==> flow/design.v <==
module dp_arith_add_top #(
  parameter BITS = 6,
  parameter GUARD = 2
) (
  input  wire core_clk,
  input  wire rstn,
  input  wire [BITS-1:0] val,
  input  wire init,
  output wire [BITS+GUARD-1:0] s
);
  reg [BITS+GUARD-1:0] total;
  always @(posedge core_clk or negedge rstn) begin
    if (!rstn) begin
      total <= 0;
    end else begin
      total <= init ? 0 : total + val;
    end
  end
  assign s = total;
endmodule
; ---- Tool chain data of dp_arith_add_top
; Module dp_arith_add_top in several versions that differ in "BITS"; each step lists the members.
; The RTL above is that of BITS=6; lines are counted from 1 in the file of the member named.
; Library cell names are shortened.
; A cell with -- has no value.
[design]
top = dp_arith_add_top
clock_port = core_clk
lib = sky130hd
corner = tt_025C_1v80

; ---- Members of the sweep
; New or changed lines of each further member against the RTL above, in its own file; lines it lacks are not shown.
[changed_lines]
columns = BITS, line_no
row1 = 8, 2  ; parameter BITS = 8,
row2 = 12, 2  ; parameter BITS = 12,
row3 = 18, 2  ; parameter BITS = 18,
row4 = 56, 2  ; parameter BITS = 56,

; ---- After elaboration
; Yosys after proc, flatten, opt, wreduce and memory -nomap, before mapping. Enables and synchronous resets that opt folds into registers are not counted as muxes. Memory bits, and registers merged into a memory's read port (data or address), are not among the register bits. Print and check cells are not counted. Equal cells are merged and count once.
[word_totals]
columns = BITS, input_bits, output_inout_bits, ff_bits, wordCells
row1 = 6, 9, 8, 8, 3
row2 = 8, 11, 10, 10, 3
row3 = 12, 15, 14, 14, 3
row4 = 18, 21, 20, 20, 3
row5 = 56, 59, 58, 58, 3
[classes]
columns = BITS, n_mux, add_sub_neg
row1 = 6, 1, 1
row2 = 8, 1, 1
row3 = 12, 1, 1
row4 = 18, 1, 1
row5 = 56, 1, 1
[ops]
columns = BITS, operators
row1 = 6, adder 8 x 6 -> 8 bit (1); 2-to-1 mux 8 bit (1)
row2 = 8, adder 10 x 8 -> 10 bit (1); 2-to-1 mux 10 bit (1)
row3 = 12, adder 14 x 12 -> 14 bit (1); 2-to-1 mux 14 bit (1)
row4 = 18, adder 20 x 18 -> 20 bit (1); 2-to-1 mux 20 bit (1)
row5 = 56, adder 58 x 56 -> 58 bit (1); 2-to-1 mux 58 bit (1)

; ---- Depth
; Yosys ltp: most cells in a row. Word level: on the elaborated netlist, between registers, memories and ports. Mapped: between sequential cells and ports; inverters and the memories' decode and read muxes count.
[depth]
columns = BITS, word_depth, ABC_AREA, depth_mapped, ltp_nobuf
row1 = 6, 2, 0, 6, 6
row2 = 8, 2, 0, 7, 7
row3 = 12, 2, 0, 8, 8
row4 = 18, 2, 0, 8, 8
row5 = 56, 2, 0, 12, 12

; ---- Synthesis result
; The flow's flattened synthesis, as Yosys stat reports it; memories are mapped. The netlist is that of the ABC_AREA named above (0 if unset); the other value can give another one.
; The area totals of this step are shown rounded.
[mapped]
columns = BITS, stdcells, flip_flops, yosys_area_mm2, buf_cells, sequential_area_mm2
row1 = 6, 50, 8, 0.00051, 1, 0.0002
row2 = 8, 78, 10, 0.00072, 1, 0.00025
row3 = 12, 109, 14, 0.001, 2, 0.00035
row4 = 18, 177, 20, 0.0016, 6, 0.0005
row5 = 56, 659, 58, 0.0052, 34, 0.0015
[by_type]
columns = BITS, cell_types
row1 = 6, dfrtp_1 (8); ha_1 (6); fa_1 (1); nor3_1 (4); nor2_1 (5); nor2b_1 (3); a21o_1 (2); a21oi_1 (3); a211oi_2 (1); nor3b_2 (1); mux2_1 (1); nand3_1 (2); o21ai_1 (2); and4_1 (1); o311ai_1 (1); xnor2_1 (1); xor2_1 (1); a211oi_1 (1); [+6]
row2 = 8, dfrtp_1 (10); ha_1 (8); nor2_1 (10); o211ai_1 (4); a21oi_1 (5); nand2b_1 (4); fa_1 (1); inv_1 (5); a211oi_1 (2); nand2_1 (4); a211oi_2 (1); nor2b_1 (2); mux2_2 (1); mux2i_1 (1); nand3_1 (2); nor3_1 (2); o21ai_0 (2); or4b_1 (1); [+13]
row3 = 12, dfrtp_1 (14); ha_1 (12); a21oi_1 (9); o21a_1 (5); nor3_1 (7); nor2_1 (7); nor2b_1 (4); o21ai_0 (5); a211oi_1 (3); fa_1 (1); inv_1 (5); nand2_1 (5); o31a_1 (2); a21boi_0 (2); a21o_1 (2); nand4_1 (2); buf_6 (1); mux2_2 (1); [+22]
row4 = 18, dfrtp_1 (20); ha_1 (18); nor2_1 (23); a21oi_1 (16); a21o_1 (7); xnor2_1 (6); xor2_1 (5); nor2b_1 (6); nor3_1 (7); mux2_2 (3); nand2_1 (9); a221oi_2 (2); o21ai_0 (5); o211ai_1 (3); o21a_1 (3); fa_1 (1); a31oi_1 (3); and3_1 (3); [+37]
row5 = 56, dfrtp_1 (58); ha_1 (56); a21oi_1 (78); nor2_1 (92); o21ai_0 (46); xnor2_1 (23); nand2_1 (47); a21o_1 (23); xor2_1 (17); nand4_1 (23); o21bai_1 (17); clkbuf_1 (32); nor2b_1 (13); nand3_1 (15); inv_1 (19); a2111oi_4 (2); nor3_1 (11); o21a_1 (7); [+80]
; The mark [+n] counts cells that are not listed.

; ---- Timing after synthesis
; OpenSTA on the mapped netlist: ideal clock, no wires. The path of least setup slack (recovery checks aside). Input and output delay are each 20% of the period. Register names are those of the netlist, which keeps one name where synthesis merged equal registers.
[synth_path]
columns = BITS, kind, startpoint, endpoint, clock_period_ns, stages, delay_ns, path_slack_ns, synth_period_reached_ns
row1 = 6, input to register, in val[0], reg total[6], 2.2, 6, 1.355, 0.405, 1.795
row2 = 8, input to register, in val[1], reg total[9], 2.17, 5, 1.321, 0.415, 1.755
row3 = 12, input to register, in val[4], reg total[13], 2.51, 6, 1.607, 0.402, 2.108
row4 = 18, input to register, in val[0], reg total[12], 2.75, 8, 1.760, 0.440, 2.31
row5 = 56, input to register, in val[1], reg total[45], 3.8, 10, 2.429, 0.610, 3.19
; "delay_ns" is the arrival time less input delay plus setup time.
; "stages": output pins that drive a net of the path, with the launching flip-flop's if there is one; two outputs of one cell count as two.
; "synth_period_reached_ns" is the clock period less the worst setup slack; recovery checks do not enter. This is arithmetic on one report: input and output delays are still those of the set period (20% each).
; The rows between start and end are the longest chain of elaborated cells between them; the timing report does not say that the signal goes this way. Where chains are equally long, one stands for them.
; Each line given opens the expression or statement behind the cell; cells for indexed reads and writes are added by Yosys, which also makes memories of some case tables.
[synth_via_BITS_6]
elab_chain_cells = 2
[synth_rtl_BITS_6]
columns = element, line_no
row1 = start: declaration, 7  ; input  wire [BITS-1:0] val,
row2 = adder 8 x 6 -> 8 bit, 16  ; total <= init ? 0 : total + val;
row3 = 2-to-1 mux 8 bit, 16
row4 = end: assignment, 14  ; total <= 0;
row5 = end: assignment, 16
row6 = end: declaration, 11  ; reg [BITS+GUARD-1:0] total;
[synth_via_BITS_56]
elab_chain_cells = 2
[synth_rtl_BITS_56]
columns = element, line_no
row1 = start: declaration, 7  ; input  wire [BITS-1:0] val,
row2 = adder 58 x 56 -> 58 bit, 16  ; total <= init ? 0 : total + val;
row3 = 2-to-1 mux 58 bit, 16
row4 = end: assignment, 14  ; total <= 0;
row5 = end: assignment, 16
row6 = end: declaration, 11  ; reg [BITS+GUARD-1:0] total;

; ---- Worst path after layout
; From the final timing report of each member's run: the path of least setup slack in the routed layout; clock arrival at registers is part of the times.
[layout_path]
columns = BITS, kind, startpoint, endpoint, path_slack_ns, arrival_ns, path_buffers, stages, clock_period_ns
row1 = 6, input to register, in val[0], reg total[6], 0.21, 2.17, 1, 7, 2.2
row2 = 8, input to register, in val[1], reg total[9], 0.17, 2.16, 1, 6, 2.17
row3 = 12, input to register, in val[6], reg total[10], 0.28, 2.45, 1, 7, 2.51
row4 = 18, input to register, in val[0], reg total[12], 0.16, 2.72, 2, 10, 2.75
row5 = 56, input to register, in val[0], reg total[54], 0.28, 3.78, 3, 15, 3.8

; ---- Measured runs
; One run of the flow (Yosys, OpenROAD) for each member, with settings and measured results. Input and output delays are each 20% of the period that was set; the output load is 0.01 pF.
[settings]
CAP_MARGIN = 20
CORE_MARGIN = 2
CORE_UTILIZATION = 40
SLEW_MARGIN = 20
[settings_diff]
columns = BITS, period_ns
row1 = 6, 2.2
row2 = 8, 2.17
row3 = 12, 2.51
row4 = 18, 2.75
row5 = 56, 3.8
[measured]
columns = BITS, power.total_mw, setup_tns_ns, finish.utilization_pct, ys_area_mm2, fin_ws_ns, total_die_area_mm2, achieved_clock_period_ns
row1 = 6, 0.66, 0.000, 63, 0.00051, 0.21, 0.0016, 1.995
row2 = 8, 1.0, 0.000, 62, 0.00072, 0.17, 0.0021, 2.005
row3 = 12, 1.2, 0.000, 60, 0.001, 0.28, 0.003, 2.226
row4 = 18, 2.4, 0.000, 60, 0.0016, 0.16, 0.0045, 2.594
row5 = 56, 5.6, 0.000, 56, 0.0052, 0.28, 0.014, 3.524
; "achieved_clock_period_ns" means the clock period less the worst setup slack. The figure is calculated, with input and output delays left at 20% of the set period.
; "power.total_mw" is the tool's figure for a default switching activity; nothing was simulated.
; Measured values are rounded.
